==> flow/design.v <==
module add_core #(
   parameter DATA_W = 14
) (
   input sys_clk,
   input [DATA_W-1:0] i_op_a,
   input [DATA_W-1:0] i_op_b,
   input [DATA_W-1:0] i_op_c,
   output [DATA_W+1:0] o_result
);
   reg [DATA_W-1:0] op_a_r;
   reg [DATA_W-1:0] op_b_r;
   reg [DATA_W-1:0] op_c_r;
   wire [DATA_W-1:0] work;
   assign work = op_a_r ^ op_b_r ^ op_c_r;
   wire [DATA_W-1:0] cc;
   assign cc = (op_a_r & op_b_r) | (op_a_r & op_c_r) | (op_b_r & op_c_r);
   assign o_result = work + {cc, 1'b0};
   always @(posedge sys_clk) begin
      op_a_r <= i_op_a;
      op_b_r <= i_op_b;
      op_c_r <= i_op_c;
   end
endmodule
Tool chain data of add_core. Tool output for the design above, in the order of the flow. Lines are those of the file above, counted from 1. Cell names lack the library's common part. Not given: n/a

Top: add_core. Clock port: sys_clk. Cell library: sky130hd. Corner: tt_025C_1v80.

After elaboration. Source: Yosys, flattened and elaborated, memories not mapped. Widths are those after wreduce; folded enables and synchronous resets count as part of the registers. Registers that Yosys merges into a memory's read port (data or address) are not register bits. Print and check cells do not count. Equal cells are merged and count once.

For cells after elaboration the number is 11. The figure for input bits is 43. For register bits the number is 42.

Under add/sub/neg operators stands 1. Under bitwise operators stands 7.

Operator list (count): bitwise AND 14 bit (3); bitwise OR 14 bit (2); bitwise XOR 14 bit (2); adder 14 x 15 -> 16 bit (1).

Depth. Yosys ltp: most cells in a row. Word level: on the elaborated netlist, between registers, memories and ports. Mapped: between sequential cells and ports; inverters and the memories' decode and read muxes count.

Word-level depth: 4. The figure for ABC_AREA is 0. For depth in mapped cells the number is 11.

Synthesis result. Yosys stat after the flow's synthesis: flattened, memories mapped to cells. It holds for the ABC_AREA given above (unset counts as 0); a run with the other value may have another netlist.

Cells by type: dfxtp_1 (count 42, total area 840.806 um^2); fa_1 (count 15, total area 300.288 um^2); ha_1 (count 13, total area 162.656 um^2); xnor2_1 (count 8, total area 70.067 um^2); inv_1 (count 16, total area 60.058 um^2); a21o_1 (count 6, total area 45.043 um^2); a21oi_1 (count 9, total area 45.043 um^2); a31oi_4 (count 1, total area 21.27 um^2); and3_1 (count 3, total area 18.768 um^2); nand4_1 (count 3, total area 18.768 um^2); nor2_1 (count 5, total area 18.768 um^2); o41ai_2 (count 1, total area 16.266 um^2); nor3_1 (count 3, total area 15.014 um^2); o211ai_1 (count 2, total area 15.014 um^2); a31oi_1 (count 2, total area 12.512 um^2); a21boi_2 (count 1, total area 11.261 um^2); a221o_2 (count 1, total area 11.261 um^2); nand2_1 (count 3, total area 11.261 um^2).

Other cell types: 15; their cells: 15.

For mapped cells the number is 149. The figure for flip-flops is 42. The entry for sequential area reads 0.0008408 mm^2. Mapped area: 0.0018092 mm^2. For buffers the number is 0.

Timing after synthesis. Path of least setup slack by OpenSTA after synthesis, without wires, with an ideal clock, recovery checks aside; 20% of the period is set as input and as output delay. Where synthesis merged equal registers, the netlist keeps one of their names.

Kind: flip-flop to output port. From: register op_a_r[1]. To: output port o_result[9]. Under data arrival time stands 2.194 ns. For slack the number is 0.550 ns. The entry for path delay reads 2.194 ns. The figure for stages is 10. The entry for required time reads 2.744 ns. For clock period the number is 3.43 ns. The figure for buffers on the path is 0. The entry for period reached after synthesis reads 2.88 ns.

"path delay" = arrival - input delay + setup time. At an output port there is no setup time. "stages": output pins that drive a net of the path, with the launching flip-flop's if there is one; two outputs of one cell count as two. "period reached after synthesis" = period - worst setup slack (recovery checks aside). The figure is calculated, with input and output delays left at 20% of the set period. The rows between start and end are the longest chain of elaborated cells between them; the timing report does not say that the signal goes this way. Where chains are equally long, one stands for them. A line is the first line of the expression or statement that the cell stems from. Yosys adds cells for indexed reads and writes and turns some case tables into memories.

Path through: dfxtp_1 fa_1 ha_1 inv_1 fa_1 inv_1 a21o_1 a221o_2 a31oi_4 xnor2_1. The entry for cells in the longest elaborated chain reads 4.

RTL lines, path after synthesis: from (decl) (line 10) `reg [DATA_W-1:0] op_a_r;`; from (assign) (line 19) `op_a_r <= i_op_a;`; bitwise AND 14 bit (line 16) `assign cc = (op_a_r & op_b_r) | (op_a_r & op_c_r) | (op_b_r & op_c_r);`; bitwise OR 14 bit x2 (line 16); adder 14 x 15 -> 16 bit (line 17) `assign o_result = work + {cc, 1'b0};`; to (decl) (line 8) `output [DATA_W+1:0] o_result`.

Timing after layout. From the final timing report of run 1: the path of least setup slack in the routed layout; clock arrival at registers is part of the times.

Kind: flip-flop to output port. From: register op_c_r[1]. To: output port o_result[13]. The figure for buffers on the path is 2. The entry for required time reads 2.74 ns. For clock period the number is 3.43 ns. For slack the number is 0.05 ns. Under data arrival time stands 2.69 ns. The figure for stages is 12.

The rows between start and end are the longest chain of elaborated cells between them; the timing report does not say that the signal goes this way. Where chains are equally long, one stands for them.

Path through: dfxtp_2 fa_1 ha_2 inv_2 fa_2 inv_1 a21o_1 a221o_2 buf_4 a21oi_4 xnor2_1 buf_2. The entry for cells in the longest elaborated chain reads 4.

RTL lines, path post-layout: from (decl) (line 12) `reg [DATA_W-1:0] op_c_r;`; from (assign) (line 21) `op_c_r <= i_op_c;`; bitwise AND 14 bit (line 16) `assign cc = (op_a_r & op_b_r) | (op_a_r & op_c_r) | (op_b_r & op_c_r);`; bitwise OR 14 bit x2 (line 16); adder 14 x 15 -> 16 bit (line 17) `assign o_result = work + {cc, 1'b0};`; to (decl) (line 8) `output [DATA_W+1:0] o_result`.

Add stored flow runs of add_core

Settings and measured results of 3 stored flow runs for module add_core (sky130hd), not sorted in any way. The constraints put input and output delay at 20% of the set period each and load the outputs with 0.01 pF. "period reached": clock period set for the run, less the worst setup slack. It is reckoned from that one timing run; input and output delays stay at 20% of the period that was set. "total power after layout" rests on the timing tool's default activity at the inputs, not on a simulated workload.

Run 1 has these settings: period_ns 3.43; CAP_MARGIN 20; CORE_MARGIN 2; CORE_UTILIZATION 40; SLEW_MARGIN 20. The synthesis area is 0.0018092 mm^2. For the area inside the die boundary the run shows 0.0050773 mm^2. The standard-cell area after layout comes to 0.0027051 mm^2. The smallest setup slack stands at 0.053 ns. For the summed negative setup slack the run shows 0.000 ns. The worst hold slack in the final report is 0.836 ns. The total power after layout stands at 1.494 mW. The period reached stands at 3.377 ns.

Run 2 has these settings: period_ns 3.45; CORE_UTILIZATION 58; PLACE_DENSITY_LB_ADDON 0.2; CORE_ASPECT_RATIO 0.66; CORE_MARGIN 8; TNS_END_PERCENT 90; CTS_CLUSTER_DIAMETER 393; CAP_MARGIN 20; SLEW_MARGIN 20. The synthesis area is 0.0018092 mm^2. For the area inside the die boundary the run shows 0.0052015 mm^2. The standard-cell area after layout comes to 0.0027364 mm^2. The smallest setup slack stands at -0.145 ns. For the summed negative setup slack the run shows -0.513 ns. The worst hold slack in the final report is 0.828 ns. The total power after layout stands at 1.653 mW. The period reached stands at 3.595 ns.

Run 3 has these settings: period_ns 3.86; CORE_UTILIZATION 59; GPL_TIMING_DRIVEN 0; CTS_CLUSTER_SIZE 28; CTS_CLUSTER_DIAMETER 44; SLEW_MARGIN 35; MIN_ROUTING_LAYER met1; MAX_ROUTING_LAYER met4; CAP_MARGIN 20; CORE_MARGIN 2. The synthesis area is 0.0018092 mm^2. For the area inside the die boundary the run shows 0.0035254 mm^2. The standard-cell area after layout comes to 0.0025162 mm^2. The smallest setup slack stands at 0.134 ns. For the summed negative setup slack the run shows 0.000 ns. The worst hold slack in the final report is 0.854 ns. The total power after layout stands at 1.166 mW. The period reached stands at 3.726 ns.
